==> flow/design.v <==
module mult_top #(
    parameter int BITS = 10
) (
    input logic aclk,
    input logic adv,
    input logic signed [BITS-1:0] rs1,
    input logic signed [BITS-1:0] rs2,
    output logic signed [2*BITS-1:0] m
);
    logic signed [BITS-1:0] rs1_d1;
    logic signed [BITS-1:0] rs2_d1;
    assign m = rs1_d1 * rs2_d1;
    always_ff @(posedge aclk) begin
        if (adv) begin
            rs1_d1 <= rs1;
            rs2_d1 <= rs2;
        end
    end
endmodule
==> reports on mult_top <==
From RTL to reports: mult_top
A sweep over "BITS": the same steps for each member of the family. The RTL above is that of BITS=10; lines are counted from 1 in the file of the member named. Library cell names are shortened. The mark n/a stands for no value.

Top module: mult_top. Clock: aclk. Cell library: sky130hd. Corner: tt_025C_1v80.

Members of the sweep
Lines of each other member's file that are new or changed against the file above; lines that a member lacks are not shown.

Lines new or changed: BITS 24 (line 2) `parameter int BITS = 24`; BITS 28 (line 2) `parameter int BITS = 28`.

After elaboration
Counts by Yosys on the flattened word-level netlist (proc, flatten, opt, wreduce; memories kept). Register bits leave out memories and registers merged into their read ports (data or address); mux counts leave out enables and synchronous resets folded into registers. Print and check cells are left out. Cells with the same type and inputs are merged into one.

Word-level totals: BITS 10 (cells after elaboration 3, register bits after elaboration 20, bits of input ports 22, output and inout port bits 20); BITS 24 (cells after elaboration 3, register bits after elaboration 48, bits of input ports 50, output and inout port bits 48); BITS 28 (cells after elaboration 3, register bits after elaboration 56, bits of input ports 58, output and inout port bits 56).

Cells by class (multiply operators): BITS 10 (1); BITS 24 (1); BITS 28 (1).

Operators by type and width (kinds with counts): BITS 10 (multiplier 10 x 10 -> 20 bit (1)); BITS 24 (multiplier 24 x 24 -> 48 bit (1)); BITS 28 (multiplier 28 x 28 -> 56 bit (1)).

Logic depth
Longest topological path by Yosys (ltp), each cell counted once; first at word level (registers and memories cut), then after technology mapping (sequential cells cut; the memories' decode and read muxes count).

Logic depth: BITS 10 (depth after elaboration 1, ABC_AREA 0, depth in mapped cells 19, mapped depth without buffers 18); BITS 24 (depth after elaboration 1, ABC_AREA 0, depth in mapped cells 25, mapped depth without buffers 24); BITS 28 (depth after elaboration 1, ABC_AREA 0, depth in mapped cells 28, mapped depth without buffers 26).

Mapped cells and area
Yosys stat after the flow's synthesis: flattened, memories mapped to cells. It holds for the ABC_AREA given above (unset counts as 0); a run with the other value may have another netlist.

Synthesis totals: BITS 10 (sequential part of the area 0.0006006 mm2, synthesis area 0.0046757 mm2, mapped flip-flops 20, buffer cells 17, cell count 501); BITS 24 (sequential part of the area 0.0014414 mm2, synthesis area 0.0226342 mm2, mapped flip-flops 48, buffer cells 100, cell count 2356); BITS 28 (sequential part of the area 0.0016816 mm2, synthesis area 0.0300713 mm2, mapped flip-flops 56, buffer cells 164, cell count 3116).

Cells by type (types with counts): BITS 10 (fa_1 (91); ha_1 (49); edfxtp_1 (20); inv_1 (140); nand2_1 (64); and2_1 (33); xnor2_1 (18); clkbuf_1 (17); a21oi_1 (12); nor2_1 (12); xor2_1 (4); a21o_1 (4); a211oi_2 (2); a31oi_1 (4); nand2b_1 (4); o21bai_1 (3); o21ai_2 (2); a311oi_2 (1); (+21)); BITS 24 (fa_1 (607); inv_1 (598); and2_1 (273); ha_1 (134); edfxtp_1 (48); nand2_1 (305); clkbuf_1 (98); xnor2_1 (40); a21oi_1 (42); nor2_1 (48); a21o_1 (21); o21ai_0 (20); xor2_1 (11); nand2b_1 (12); nand4_1 (9); nor3_1 (9); o21bai_1 (6); a211oi_1 (5); (+70)); BITS 28 (fa_1 (823); inv_1 (801); and2_1 (400); ha_1 (185); edfxtp_1 (56); nand2_1 (383); clkbuf_1 (164); xnor2_1 (40); a21oi_1 (44); nor2b_1 (29); xor2_1 (20); a21o_1 (19); nor2_1 (26); o21ai_0 (19); nand2b_1 (13); o211ai_1 (10); o21a_1 (8); nand3_1 (8); (+68)).

The mark (+n) counts cells that are not listed.

Worst setup path after synthesis
OpenSTA on the mapped netlist: ideal clock, no wires. The path of least setup slack (recovery checks aside). Input and output delay are each 20% of the period. Register names are those of the netlist, which keeps one name where synthesis merged equal registers.

Path after synthesis: BITS 10 (path type register to output, from register rs1_d1[9], to output port m[18], slack 1.197 ns, period 7.5 ns, stages on the path 17, delay of the path 4.803 ns, synthesis period reached 6.303 ns); BITS 24 (path type register to output, from register rs1_d1[23], to output port m[44], slack 1.775 ns, period 11.2 ns, stages on the path 23, delay of the path 7.185 ns, synthesis period reached 9.425 ns); BITS 28 (path type register to output, from register rs1_d1[27], to output port m[52], slack 1.902 ns, period 12.0 ns, stages on the path 24, delay of the path 7.698 ns, synthesis period reached 10.098 ns).

"delay of the path" = arrival - input delay + setup time. A path that ends at an output port has no setup time. "stages on the path": output pins that drive a net of the path, with the launching flip-flop's if there is one; two outputs of one cell count as two. "synthesis period reached" = period - worst setup slack (recovery checks aside). The figure is calculated, with input and output delays left at 20% of the set period. The rows between start and end are the longest chain of elaborated cells between them; the timing report does not say that the signal goes this way. Where chains are equally long, one stands for them. Each line given opens the expression or statement behind the cell; cells for indexed reads and writes are added by Yosys, which also makes memories of some case tables.

On the way, after synthesis, BITS=10:
For cells in the longest elaborated chain the number is 1.

RTL lines, path after synthesis, BITS=10: start, declared (line 10) `logic signed [BITS-1:0] rs1_d1;`; start, assigned (line 15) `rs1_d1 <= rs1;`; multiplier 10 x 10 -> 20 bit (line 12) `assign m = rs1_d1 * rs2_d1;`; end, declared (line 8) `output logic signed [2*BITS-1:0] m`.

On the way, after synthesis, BITS=28:
For cells in the longest elaborated chain the number is 1.

RTL lines, path after synthesis, BITS=28: start, declared (line 10) `logic signed [BITS-1:0] rs1_d1;`; start, assigned (line 15) `rs1_d1 <= rs1;`; multiplier 28 x 28 -> 56 bit (line 12) `assign m = rs1_d1 * rs2_d1;`; end, declared (line 8) `output logic signed [2*BITS-1:0] m`.

Worst path after layout
Path of least setup slack in the final report of each member's run (OpenROAD, finished layout, wires in). Where an end is a register, its clock arrival counts in the times.

Path after layout: BITS 10 (path type register to output, from register rs2_d1[6], to output port m[18], path buffers 1, data arrival time 5.77 ns, stages on the path 17, period 7.5 ns, slack 0.23 ns); BITS 24 (path type register to output, from register rs2_d1[1], to output port m[46], path buffers 1, data arrival time 8.42 ns, stages on the path 21, period 11.2 ns, slack 0.54 ns); BITS 28 (path type register to output, from register rs2_d1[22], to output port m[54], path buffers 2, data arrival time 9.17 ns, stages on the path 23, period 12.0 ns, slack 0.43 ns).

Measured runs
One run of the flow (Yosys, OpenROAD) for each member, with settings and measured results. Input and output delays are each 20% of the period that was set; the output load is 0.01 pF.

For CAP_MARGIN the number is 20. CORE_MARGIN: 2. Under CORE_UTILIZATION stands 40. The figure for SLEW_MARGIN is 20.

Settings that differ (period_ns): BITS 10 (7.5); BITS 24 (11.2); BITS 28 (12.0).

Final reports: BITS 10 (utilization after routing 47.7%, post-synthesis cell area 0.0046757 mm2, setup slack of the worst path 0.228 ns, worst-case hold slack 1.811 ns, summed negative setup slack 0.000 ns, area of the die 0.0125698 mm2, standard-cell area after routing 0.0054415 mm2); BITS 24 (utilization after routing 44.1%, post-synthesis cell area 0.0226342 mm2, setup slack of the worst path 0.541 ns, worst-case hold slack 2.382 ns, summed negative setup slack 0.000 ns, area of the die 0.0585035 mm2, standard-cell area after routing 0.0247788 mm2); BITS 28 (utilization after routing 44.4%, post-synthesis cell area 0.0300713 mm2, setup slack of the worst path 0.428 ns, worst-case hold slack 2.598 ns, summed negative setup slack 0.000 ns, area of the die 0.0773869 mm2, standard-cell area after routing 0.0330504 mm2).
